==> flow/design.v <==
module dp_switch #(
    parameter integer WIDTH = 3,
    parameter integer COUNT = 8,
    parameter integer SEL_WIDTH = $clog2(COUNT)
) (
    input  wire ck,
    input  wire [COUNT*WIDTH-1:0] val,
    input  wire [SEL_WIDTH-1:0] sel,
    output wire [WIDTH-1:0] q
);
    reg [COUNT*WIDTH-1:0] val_q;
    always @(posedge ck) begin
        val_q <= val;
    end
    reg [SEL_WIDTH-1:0] sel_q;
    always @(posedge ck) begin
        sel_q <= sel;
    end
    wire [WIDTH-1:0] lvl [1:2*COUNT-1];
    genvar gi;
    generate
        for (gi = 0; gi < COUNT; gi = gi + 1) begin : lane
            assign lvl[COUNT+gi] = val_q[gi*WIDTH +: WIDTH];
        end
        for (gi = 1; gi < COUNT; gi = gi + 1) begin : stage
            assign lvl[gi] = sel_q[SEL_WIDTH - $clog2(gi+1)] ? lvl[2*gi+1] : lvl[2*gi];
        end
    endgenerate
    reg [WIDTH-1:0] q_q;
    always @(posedge ck) begin
        q_q <= lvl[1];
    end
    assign q = q_q;
endmodule
[Tool chain data of dp_switch]
Tool output for the design above, in the order of the flow.
Lines are those of the file above, counted from 1.
Operators: Yosys type, input widths -> output width; for muxes data width and select width s.
Cell names lack the library's common part.
The mark - stands for no value.
Set-up
  design top: dp_switch
  clock input: ck
  cell library: sky130hd
  library corner: tt_025C_1v80

[After elaboration]
Counts by Yosys on the flattened word-level netlist (proc, flatten, opt, wreduce). Print and check cells are left out. Cells with the same type and inputs are merged into one.
Storage and ports
  output and inout port bits: 3
  bits in registers: 30
  cells after elaboration: 10
  input port bits: 28
Cells by class
  mux-type cells: 7
Operators by type and width (count)
  $mux 3: 7

[Depth]
Longest topological path by Yosys (ltp), each cell counted once; first at word level (registers and memories cut), then after technology mapping (sequential cells cut; the memories' decode and read muxes count).
Logic depth
  depth after elaboration: 3
  ABC_AREA: 0
  gate-level depth with buffers: 3
  depth with buffers taken out: 2

[Mapped cells and area]
The flow's flattened synthesis, as Yosys stat reports it; memories are mapped. The netlist is that of the ABC_AREA named above (0 if unset); the other value can give another one.
Mapped netlist
  mapped area: 803.3 sq um
  cells in the netlist: 40
  flip-flops: 30
Cells by type
  dfxtp_1: count 30, total area 600.576 sq um
  mux4_1: count 6, total area 157.651 sq um
  mux2_2: count 3, total area 33.782 sq um
  buf_6: count 1, total area 11.261 sq um

[Path before layout]
OpenSTA on the mapped netlist: ideal clock, no wires. The path of least setup slack (recovery checks aside). Input and output delay are each 20% of the period. Register names are those of the netlist, which keeps one name where synthesis merged equal registers.
Path after synthesis
  kind: reg-to-reg
  from: register sel_q[0]
  to: register q_q[0]
  path buffers: 1
  launch time at the first pin: 0.000 ns
  clock period: 1.65 ns
  slack: 0.331 ns
  arrival: 1.199 ns
  delay of the path: 1.320 ns
  data required time: 1.529 ns
  stages: 4
  library setup time: 0.121 ns
  period reached after synthesis: 1.319 ns
"delay of the path" is the arrival time less input delay plus setup time.
"stages": output pins that drive a net of the path, with the launching flip-flop's if there is one; two outputs of one cell count as two.
"period reached after synthesis" is the clock period less the worst setup slack; recovery checks do not enter. This is arithmetic on one report: input and output delays are still those of the set period (20% each).
The rows between start and end are the longest chain of elaborated cells between them; the timing report does not say that the signal goes this way. Where chains are equally long, one stands for them.
A line is the first line of the expression or statement that the cell stems from. Yosys adds cells for indexed reads and writes and turns some case tables into memories.
Between the ends, after synthesis
  cell sequence: dfxtp_1 buf_6 mux4_1 mux2_2
  length of the longest elaborated chain: 3
  elaborated cells between the ends (all ways): 7
  source lines of those cells: 1
  those cells by class: mux (7)
RTL lines, path after synthesis
  from (decl): RTL line 15  | reg [SEL_WIDTH-1:0] sel_q;
  from (assign): RTL line 17  | sel_q <= sel;
  $mux 3 x3: RTL line 26  | assign lvl[gi] = sel_q[SEL_WIDTH - $clog2(gi+1)] ? lvl[2*gi+1] : lvl[2*gi];
  to (assign): RTL line 31  | q_q <= lvl[1];
  to (decl): RTL line 29  | reg [WIDTH-1:0] q_q;

[Path in the finished layout]
From the final timing report of run A: the path of least setup slack in the routed layout; clock arrival at registers is part of the times.
Path after layout
  kind: reg-to-output
  from: register q_q[0]
  to: output q[0]
  launch time at the first pin: 0.31 ns
  arrival: 1.15 ns
  path buffers: 1
  slack: 0.17 ns
  data required time: 1.32 ns
  stages: 2
  external output delay: 0.33 ns
  clock period: 1.65 ns
Between the ends, after layout
  cell sequence: dfxtp_1 clkdlybuf4s50_1
  length of the longest elaborated chain: 0
  elaborated cells between the ends (all ways): 0
  source lines of those cells: 0
RTL lines, path after layout
  from (decl): RTL line 29  | reg [WIDTH-1:0] q_q;
  from (assign): RTL line 31  | q_q <= lvl[1];
  to (decl): RTL line 9  | output wire [WIDTH-1:0] q

# Flow runs of dp_switch

Measured results for dp_switch: 3 stored runs of the Yosys and OpenROAD flow on sky130hd. The settings differ; the order carries no meaning. The constraints put input and output delay at 20% of the set period each and load the outputs with 0.01 pF.
"achieved clock period (ns)" = clock period - worst setup slack. The figure is calculated, with input and output delays left at 20% of the set period.
By "worst setup path time (ns)" is meant the share of the clock period that the worst setup path is allowed (20% is reserved at inputs, 20% at outputs), minus its slack. Clock arrival times at its registers enter into it.
"finish__power__total": no workload was simulated; the value follows from the tool's default switching activity.

Flow files of run A
==> flow/run.sh <==
#!/bin/bash
# the make line also repeats the synthesis and layout settings of config.mk as NAME=value (left out here)
make -C /OpenROAD-flow-scripts/flow DESIGN_CONFIG=/design/flow/config.mk WORK_HOME=/design/flow/orfs CLKGATE_MAP_FILE= finish
==> flow/config.mk <==
export PLATFORM = sky130hd
export DESIGN_NAME = dp_switch
export DESIGN_NICKNAME = dp_switch
export VERILOG_FILES = /design/flow/design.v
export SDC_FILE = /design/flow/constraint.sdc
export NUM_CORES = 4
export LEC_CHECK = 0
export CAP_MARGIN = 20
export CORE_MARGIN = 2
export CORE_UTILIZATION = 40
export SLEW_MARGIN = 20
==> flow/constraint.sdc <==
create_clock -name core_clock -period 1.65 [get_ports {ck}]
set_input_delay 0.3300 -clock core_clock [delete_from_list [all_inputs] [get_ports {ck}]]
set_output_delay 0.3300 -clock core_clock [all_outputs]
set_load 0.01 [all_outputs]

report of run A
yosys chip area after synthesis (um^2): 803.3
finish__design__die__area: 2382.4
finish__design__instance__utilization: 0.6107
finish__timing__setup__ws: 0.174
finish__timing__setup__tns: 0.000
finish__power__total: 1.271e-03
achieved clock period (ns): 1.476
worst setup path time (ns): 1.15
worst setup path kind: reg-to-output

Flow files of run B
==> flow/run.sh <==
#!/bin/bash
# the make line also repeats the synthesis and layout settings of config.mk as NAME=value (left out here)
make -C /OpenROAD-flow-scripts/flow DESIGN_CONFIG=/design/flow/config.mk WORK_HOME=/design/flow/orfs CLKGATE_MAP_FILE= finish
==> flow/config.mk <==
export PLATFORM = sky130hd
export DESIGN_NAME = dp_switch
export DESIGN_NICKNAME = dp_switch
export VERILOG_FILES = /design/flow/design.v
export SDC_FILE = /design/flow/constraint.sdc
export NUM_CORES = 4
export LEC_CHECK = 0
export CAP_MARGIN = 20
export CORE_MARGIN = 2
export CORE_UTILIZATION = 59
export CTS_CLUSTER_SIZE = 12
export GPL_ROUTABILITY_DRIVEN = 1
export MAX_ROUTING_LAYER = met4
export PLACE_DENSITY_LB_ADDON = 0.09
export SETUP_SLACK_MARGIN = 0.41
export SLEW_MARGIN = 20
export TNS_END_PERCENT = 75
==> flow/constraint.sdc <==
create_clock -name core_clock -period 2.17 [get_ports {ck}]
set_input_delay 0.4340 -clock core_clock [delete_from_list [all_inputs] [get_ports {ck}]]
set_output_delay 0.4340 -clock core_clock [all_outputs]
set_load 0.01 [all_outputs]

report of run B
yosys chip area after synthesis (um^2): 803.3
finish__design__die__area: 1672.8
finish__design__instance__utilization: 0.8997
finish__timing__setup__ws: 0.573
finish__timing__setup__tns: 0.000
finish__power__total: 9.708e-04
achieved clock period (ns): 1.597
worst setup path time (ns): 1.16
worst setup path kind: reg-to-output

Flow files of run C
==> flow/run.sh <==
#!/bin/bash
# the make line also repeats the synthesis and layout settings of config.mk as NAME=value (left out here)
make -C /OpenROAD-flow-scripts/flow DESIGN_CONFIG=/design/flow/config.mk WORK_HOME=/design/flow/orfs CLKGATE_MAP_FILE= finish
==> flow/config.mk <==
export PLATFORM = sky130hd
export DESIGN_NAME = dp_switch
export DESIGN_NICKNAME = dp_switch
export VERILOG_FILES = /design/flow/design.v
export SDC_FILE = /design/flow/constraint.sdc
export NUM_CORES = 4
export LEC_CHECK = 0
export CAP_MARGIN = 30
export CELL_PAD_IN_SITES_GLOBAL_PLACEMENT = 0
export CORE_MARGIN = 2
export CORE_UTILIZATION = 31
export CTS_CLUSTER_DIAMETER = 372
export GPL_ROUTABILITY_DRIVEN = 1
export GPL_TIMING_DRIVEN = 0
export MIN_ROUTING_LAYER = met1
export PLACE_DENSITY_LB_ADDON = 0.27
export SETUP_SLACK_MARGIN = 0.01
export SLEW_MARGIN = 15
==> flow/constraint.sdc <==
create_clock -name core_clock -period 1.09 [get_ports {ck}]
set_input_delay 0.2180 -clock core_clock [delete_from_list [all_inputs] [get_ports {ck}]]
set_output_delay 0.2180 -clock core_clock [all_outputs]
set_load 0.01 [all_outputs]

report of run C
yosys chip area after synthesis (um^2): 803.3
finish__design__die__area: 3014.6
finish__design__instance__utilization: 0.4722
finish__timing__setup__ws: -0.264
finish__timing__setup__tns: -0.754
finish__power__total: 1.948e-03
achieved clock period (ns): 1.354
worst setup path time (ns): 1.35
worst setup path kind: reg-to-reg
